==> flow/design.v <==
module addsub #(
   parameter W = 6
) (
   input  wire aclk,
   input  wire i_rst_n,
   input  wire [W-1:0] A,
   input  wire op,
   input  wire start,
   output wire [W-1:0] dout
);
   reg [W-1:0] A_reg;
   reg op_reg;
   reg start_reg;
   reg [W-1:0] cnt;
   always @(posedge aclk or negedge i_rst_n) begin
      if (~i_rst_n) begin
         A_reg <= 0;
         op_reg <= 1'b0;
         start_reg <= 1'b0;
         cnt <= 0;
      end else begin
         A_reg <= A;
         op_reg <= op;
         start_reg <= start;
         cnt <= start_reg ? A_reg : op_reg ? cnt - A_reg : cnt + A_reg;
      end
   end
   assign dout = cnt;
endmodule
Reports on addsub
What the tools print for addsub, step after step.
Lines are those of the file above, counted from 1.
Cell names lack the library's common part.
{ "inputs": {"top": "addsub", "clk_port": "aclk", "library": "sky130hd", "corner": "tt_025C_1v80"} }

Word level
Counts by Yosys on the flattened word-level netlist (proc, flatten, opt, wreduce; memories kept). Register bits leave out memories and registers merged into their read ports (data or address); mux counts leave out enables and synchronous resets folded into registers. Print and check cells are left out. Cells with the same type and inputs are merged into one.
{ "bits": {"ff_bits": 14, "output_inout_bits": 6} }
{ "op_classes": {"add_sub_neg": 2, "mux": 2} }
{ "ops": {"columns": ["cell", "count"], "rows": [
  ["6-bit two-way mux", 2],
  ["6-bit adder", 1],
  ["6-bit subtractor", 1]
]} }

Longest topological paths
Longest topological path by Yosys (ltp), each cell counted once; first at word level (registers and memories cut), then after technology mapping (sequential cells cut; the memories' decode and read muxes count).
{ "logic_depth": {"word_depth": 3, "ABC_AREA": 1, "mapped_depth": 16, "ltp_nobuf": 16} }

After synthesis
The flow's flattened synthesis, as Yosys stat reports it; memories are mapped. The netlist is that of the ABC_AREA named above (0 if unset); the other value can give another one.
{ "by_type": {"columns": ["cell_type", "count", "area_total_um2"], "rows": [
  ["dfrtp_1", 14, 350.336],
  ["nand2_1", 23, 86.333],
  ["ha_1", 6, 75.072],
  ["inv_1", 14, 52.55],
  ["o21ai_0", 8, 40.038],
  ["xor2_1", 3, 26.275],
  ["nand3_1", 5, 25.024],
  ["nor2_1", 6, 22.522],
  ["fa_1", 1, 20.019],
  ["a21oi_1", 3, 15.014],
  ["nand2_2", 2, 12.512],
  ["nand3_2", 1, 10.01],
  ["nor3_2", 1, 10.01],
  ["nand3b_1", 1, 7.507],
  ["nand4_1", 1, 6.256],
  ["nor2_2", 1, 6.256],
  ["o22ai_1", 1, 6.256],
  ["nor3_1", 1, 5.005]
]} }
Not listed: further types 2, cells in them 2.
{ "synth_totals": {"mapped_cells": 94, "area_um2": 785.8, "seq_area_um2": 350.3, "flip_flops": 14} }

Worst setup path after synthesis
Source: OpenSTA report_checks on the synthesized netlist (no wires, ideal clock, input and output delay 20% of the period each), path of least setup slack; recovery checks are left aside. Register names are those of the netlist, which keeps one name where synthesis merged equal registers.
{ "synth_timing": {"path_kind": "reg2reg", "startpoint": "register A_reg[0]", "endpoint": "register cnt[5]", "period_ns": 2.61, "setup_ns": 0.118, "arrival_ns": 1.830, "slack_ns": 0.663, "delay_ns": 1.948, "stages": 17, "path_buffers": 0, "period_less_setup_slack_ns": 1.947} }
"delay_ns" = arrival - input delay + setup time.
"stages": output pins that drive a net of the path, with the launching flip-flop's if there is one; two outputs of one cell count as two.
"period_less_setup_slack_ns" = period - worst setup slack (recovery checks aside). The figure is calculated, with input and output delays left at 20% of the set period.
Between the ends stands the longest chain of elaborated cells between them, by number of cells; it is not shown to be the way that was timed. Of several equally long chains one is given.
Each line given opens the expression or statement behind the cell; cells for indexed reads and writes are added by Yosys, which also makes memories of some case tables.
{ "synth_via": {"path_cell_list": "dfrtp_1 inv_1 ha_1 inv_1 nor2_1 a21oi_1 xor2_1 inv_1 ha_1 nand2_1 inv_1 nand2_1 nand2_1 nor2_1 nand3_1 nand3_1 nand2_1", "elab_chain_len": 3} }
{ "synth_rtl": {"columns": ["item", "line_no", "rtl"], "rows": [
  ["from (decl)", 11, "reg [W-1:0] A_reg;"],
  ["from (assign)", 17, "A_reg <= 0;"],
  ["from (assign)", 22, "A_reg <= A;"],
  ["6-bit adder", 25, "cnt <= start_reg ? A_reg : op_reg ? cnt - A_reg : cnt + A_reg;"],
  ["6-bit two-way mux x2", 25, null],
  ["to (assign)", 20, "cnt <= 0;"],
  ["to (assign)", 25, null],
  ["to (decl)", 14, "reg [W-1:0] cnt;"]
]} }

Timing after layout
From the final timing report of entry A: the path of least setup slack in the routed layout; clock arrival at registers is part of the times.
{ "layout_timing": {"path_kind": "reg2reg", "startpoint": "register A_reg[0]", "endpoint": "register cnt[5]", "period_ns": 2.58, "setup_ns": 0.10, "arrival_ns": 2.33, "slack_ns": 0.42, "stages": 17, "path_buffers": 0} }
Between the ends stands the longest chain of elaborated cells between them, by number of cells; it is not shown to be the way that was timed. Of several equally long chains one is given.
{ "layout_via": {"path_cell_list": "dfrtp_1 inv_1 ha_1 inv_1 nor2_1 a21oi_1 xor2_1 inv_1 ha_1 nand2_1 inv_1 nand2_1 nand2_1 nor2_1 nand3_1 nand3_1 nand2_1", "elab_chain_len": 3} }
{ "layout_rtl": {"columns": ["item", "line_no", "rtl"], "rows": [
  ["from (decl)", 11, "reg [W-1:0] A_reg;"],
  ["from (assign)", 17, "A_reg <= 0;"],
  ["from (assign)", 22, "A_reg <= A;"],
  ["6-bit adder", 25, "cnt <= start_reg ? A_reg : op_reg ? cnt - A_reg : cnt + A_reg;"],
  ["6-bit two-way mux x2", 25, null],
  ["to (assign)", 20, "cnt <= 0;"],
  ["to (assign)", 25, null],
  ["to (decl)", 14, "reg [W-1:0] cnt;"]
]} }

Ticket comment

Module addsub, platform sky130hd: 3 stored runs of the flow (Yosys, OpenROAD) with differing settings, in no particular order. Input and output delays are each 20% of the period that was set; the output load is 0.01 pF.
"period reached" = clock period - worst setup slack. The figure is calculated, with input and output delays left at 20% of the set period.
"time of the worst setup path" = time allowed to the worst setup path (clock period - input delay - output delay, where it has them) - its slack; a late launch clock adds to it, a late capture clock takes from it.
"total design power" rests on the timing tool's default activity at the inputs, not on a simulated workload.

==> entry A: settings <==
{ "period_ns": 2.58, "CORE_UTILIZATION": 26, "PLACE_DENSITY_LB_ADDON": 0.05, "TNS_END_PERCENT": 5, "ABC_AREA": 1, "GPL_ROUTABILITY_DRIVEN": 0, "CTS_CLUSTER_SIZE": 37, "SLEW_MARGIN": 35, "CAP_MARGIN": 20, "CORE_MARGIN": 2 }
==> entry A: results <==
worst setup slack after layout: 0.417 ns
time of the worst setup path: 2.16 ns
worst setup path type: reg2reg
utilization in the final report: 35.5%
full die area: 3,478.1 µm²
chip area in the Yosys report: 785.8 µm²
total design power: 0.6523 mW
standard-cell area of the final layout: 997.2 µm²
total negative setup slack: 0.000 ns
post-route worst hold slack: 0.516 ns
period reached: 2.163 ns

==> entry B: settings <==
{ "period_ns": 2.61, "CAP_MARGIN": 20, "CORE_MARGIN": 2, "CORE_UTILIZATION": 40, "SLEW_MARGIN": 20 }
==> entry B: results <==
total negative setup slack: 0.000 ns
worst setup slack after layout: 0.323 ns
total design power: 0.7615 mW
post-route worst hold slack: 0.559 ns
standard-cell area of the final layout: 963.4 µm²
chip area in the Yosys report: 764.5 µm²
period reached: 2.287 ns
time of the worst setup path: 2.29 ns
worst setup path type: reg2reg
full die area: 2,276.7 µm²
utilization in the final report: 54.6%

==> entry C: settings <==
{ "period_ns": 3.49, "CORE_UTILIZATION": 27, "SETUP_SLACK_MARGIN": -0.01, "PLACE_DENSITY_LB_ADDON": 0.03, "CORE_ASPECT_RATIO": 1.07, "CORE_MARGIN": 10, "CELL_PAD_IN_SITES_GLOBAL_PLACEMENT": 3, "CELL_PAD_IN_SITES_DETAIL_PLACEMENT": 0, "TNS_END_PERCENT": 15, "CTS_CLUSTER_SIZE": 24, "CTS_CLUSTER_DIAMETER": 155, "CAP_MARGIN": 40, "SLEW_MARGIN": 20 }
==> entry C: results <==
total design power: 0.6057 mW
time of the worst setup path: 2.33 ns
worst setup path type: reg2reg
full die area: 5,360.9 µm²
worst setup slack after layout: 1.162 ns
utilization in the final report: 37.3%
period reached: 2.328 ns
chip area in the Yosys report: 764.5 µm²
post-route worst hold slack: 0.541 ns
total negative setup slack: 0.000 ns
standard-cell area of the final layout: 984.7 µm²
